==> flow/design.v <==
module core_muxn #(
  parameter DATA_WIDTH = 2
) (
  input  ck,
  input  resetn,
  input  step,
  input  [DATA_WIDTH-1:0] val_0,
  input  [DATA_WIDTH-1:0] val_1,
  input  [DATA_WIDTH-1:0] val_2,
  input  [DATA_WIDTH-1:0] val_3,
  input  [1:0] select,
  output reg [DATA_WIDTH-1:0] q
);
  reg [DATA_WIDTH-1:0] r_val_0;
  reg [DATA_WIDTH-1:0] r_val_1;
  reg [DATA_WIDTH-1:0] r_val_2;
  reg [DATA_WIDTH-1:0] r_val_3;
  reg [1:0] r_select;
  always @(posedge ck) begin
    if (!resetn) begin
      r_val_0 <= 0;
      r_val_1 <= 0;
      r_val_2 <= 0;
      r_val_3 <= 0;
      r_select <= 0;
    end else if (step) begin
      r_val_0 <= val_0;
      r_val_1 <= val_1;
      r_val_2 <= val_2;
      r_val_3 <= val_3;
      r_select <= select;
    end
  end
  reg [DATA_WIDTH-1:0] work;
  always @(*) begin
    if (r_select == 0) work = r_val_0;
    else if (r_select == 1) work = r_val_1;
    else if (r_select == 2) work = r_val_2;
    else work = r_val_3;
  end
  always @(posedge ck) begin
    if (!resetn) begin
      q <= 0;
    end else if (step) begin
      q <= work;
    end
  end
endmodule
* From RTL to reports: core_muxn *
The steps from the RTL of core_muxn to its reports follow in flow order.
Line numbers count from 1 in the design file above.
Operators carry their Yosys type and port widths (W data, S select, Z words).
Cell names lack the library's common part.
Not given: n/a

set-up
  top module = core_muxn
  clock port = ck
  cell library = sky130hd
  corner = tt_025C_1v80

* After elaboration *
Counts by Yosys on the flattened word-level netlist (proc, flatten, opt, wreduce; memories kept). Register bits leave out memories and registers merged into their read ports (data or address); mux counts leave out enables and synchronous resets folded into registers. Print and check cells are left out. Cells with the same type and inputs are merged into one.

cells by class
  reduce/logical cells = 1
  eq/ne operators = 2
  muxes and demuxes = 3

operators with widths
  operator              number
  $mux W2               3
  $eq A2 B1 Y1 const B  1
  $eq A2 B2 Y1 const B  1
  $logic_not A2 Y1      1

word-level totals
  bits in registers = 12
  output and inout port bits = 2

* Logic depth *
Yosys ltp: most cells in a row. Word level: on the elaborated netlist, between registers, memories and ports. Mapped: between sequential cells and ports; inverters and the memories' decode and read muxes count.

logic depth
  depth after elaboration = 4
  ABC_AREA = 0
  gate-level depth with buffers = 4

* After synthesis *
The flow's flattened synthesis, as Yosys stat reports it; memories are mapped. The netlist is that of the ABC_AREA named above (0 if unset); the other value can give another one.
Totals and module areas in this step are rounded.

cells by type
  cell type  number
  dfxtp_1    12
  mux2i_1    14
  nor2b_1    10
  nand3b_1   3
  buf_12     1
  o221ai_1   2
  buf_6      1
  buf_2      1
  nand3_1    1
  clkbuf_1   1

synthesis totals
  sequential area = 240.2 µm²
  flip-flop cells = 12
  cell area after synthesis = 528.0 µm²
  cells in the netlist = 46
  buffer cells = 4

* Worst setup path after synthesis *
Source: OpenSTA report_checks on the synthesized netlist (no wires, ideal clock, input and output delay 20% of the period each), path of least setup slack; recovery checks are left aside. Register names are those of the netlist, which keeps one name where synthesis merged equal registers.

timing path after synthesis
  kind = reg2reg
  start = register r_select[1]
  end = register q[1]
  launch time at the first pin = 0.000 ns
  delay of the path = 0.866 ns
  data required time = 0.947 ns
  period = 1.08 ns
  data arrival time = 0.733 ns
  stages on the path = 4
  library setup time = 0.133 ns
  slack = 0.214 ns
  synthesis period reached = 0.866 ns

"delay of the path" = arrival - input delay + setup time.
"stages on the path" counts driving pins, that of a launching flip-flop among them; a cell with two outputs on the path counts twice.
"synthesis period reached" = period - worst setup slack (recovery checks aside). The figure is calculated, with input and output delays left at 20% of the set period.
The rows between start and end are the longest chain of elaborated cells between them; the timing report does not say that the signal goes this way. Where chains are equally long, one stands for them.
Each line given opens the expression or statement behind the cell; cells for indexed reads and writes are added by Yosys, which also makes memories of some case tables.

on the way, after synthesis
  path through = dfxtp_1 buf_2 mux2i_1 o221ai_1
  cells in the longest elaborated chain = 4
  elaborated cells between the ends (all ways) = 6
  those cells by class = 2 x eq/ne; 3 x mux; 1 x reduce/logical

ends and longest elaborated chain, after synthesis
  what                line  RTL
  start: declaration  18    reg [1:0] r_select;
  start: assignment   25    r_select <= 0;
  start: assignment   31    r_select <= select;
  $eq A2 B2 Y1        38    else if (r_select == 2) work = r_val_2;
  $mux W2             38
  $mux W2             37    else if (r_select == 1) work = r_val_1;
  $mux W2             36    if (r_select == 0) work = r_val_0;
  end: assignment     43    q <= 0;
  end: assignment     45    q <= work;
  end: declaration    12    output reg [DATA_WIDTH-1:0] q

* Timing after layout *
Path of least setup slack in the final report of run 1 (OpenROAD, finished layout, wires in). Where an end is a register, its clock arrival counts in the times.

timing path post-layout
  kind = reg2reg
  start = register r_select[1]
  end = register q[1]
  stages on the path = 3
  data arrival time = 1.12 ns
  launch time at the first pin = 0.26 ns
  period = 1.08 ns
  slack = 0.10 ns
  library setup time = 0.12 ns
  data required time = 1.22 ns

The rows between start and end are the longest chain of elaborated cells between them; the timing report does not say that the signal goes this way. Where chains are equally long, one stands for them.

on the way, post-layout
  path through = dfxtp_1 mux2i_1 o221ai_1
  cells in the longest elaborated chain = 4
  elaborated cells between the ends (all ways) = 6
  those cells by class = 2 x eq/ne; 3 x mux; 1 x reduce/logical

ends and longest elaborated chain, post-layout
  what                line  RTL
  start: declaration  18    reg [1:0] r_select;
  start: assignment   25    r_select <= 0;
  start: assignment   31    r_select <= select;
  $eq A2 B2 Y1        38    else if (r_select == 2) work = r_val_2;
  $mux W2             38
  $mux W2             37    else if (r_select == 1) work = r_val_1;
  $mux W2             36    if (r_select == 0) work = r_val_0;
  end: assignment     43    q <= 0;
  end: assignment     45    q <= work;
  end: declaration    12    output reg [DATA_WIDTH-1:0] q

Appendix: measured runs

Below are 3 stored runs of the flow (Yosys, OpenROAD; platform sky130hd) on core_muxn, each with its settings and what was measured, unordered. Constraints: input delay and output delay 20% of the set period each, output load 0.01 pF.
"achieved clock period" = clock period - worst setup slack. The figure is calculated, with input and output delays left at 20% of the set period.
"critical setup path time" is the time allowed to the run's worst setup path (the clock period less input and output delay, where it has them) less its slack. Clock arrival times count: a late capture clock shortens it, a late launch clock lengthens it.
By "total power after layout" is meant OpenSTA's value without simulated activity: inputs other than the clock are taken to toggle once in ten clock periods, and the tool carries that through the logic.
Values from the reports are rounded here.
A setting shown as . is not set for that run.

item                                   run 1    run 2    run 3
period_ns                              1.08     0.877    0.852
CAP_MARGIN                             20       20       20
CORE_MARGIN                            2        2        8
CORE_UTILIZATION                       40       29       56
SLEW_MARGIN                            20       40       25
SETUP_SLACK_MARGIN                     .        0.11     -0.04
PLACE_DENSITY                          .        0.4      .
CELL_PAD_IN_SITES_DETAIL_PLACEMENT     .        2        .
ABC_AREA                               .        0        .
CTS_CLUSTER_SIZE                       .        42       79
CTS_CLUSTER_DIAMETER                   .        29       276
PLACE_DENSITY_LB_ADDON                 .        .        0.15
HOLD_SLACK_MARGIN                      .        .        -0.05
TNS_END_PERCENT                        .        .        10
GPL_TIMING_DRIVEN                      .        .        0
MAX_ROUTING_LAYER                      .        .        met5
achieved clock period (ns)             0.979    0.912    0.925
full die area (µm²)                    1627     2178     2181
summed negative setup slack (ns)       0.000    -0.067   -0.141
final worst hold slack (ns)            0.465    0.465    0.255
total power after layout (uW)          971.7    1257     1059
post-route utilization                 0.569    0.453    0.785
standard-cell area after layout (µm²)  721.9    782.0    713.2
synthesis area (µm²)                   528.0    528.0    528.0
setup slack of the worst path (ns)     0.101    -0.035   -0.073
critical setup path time (ns)          0.98     0.74     0.93
class of the worst setup path          reg2reg  reg2out  reg2reg
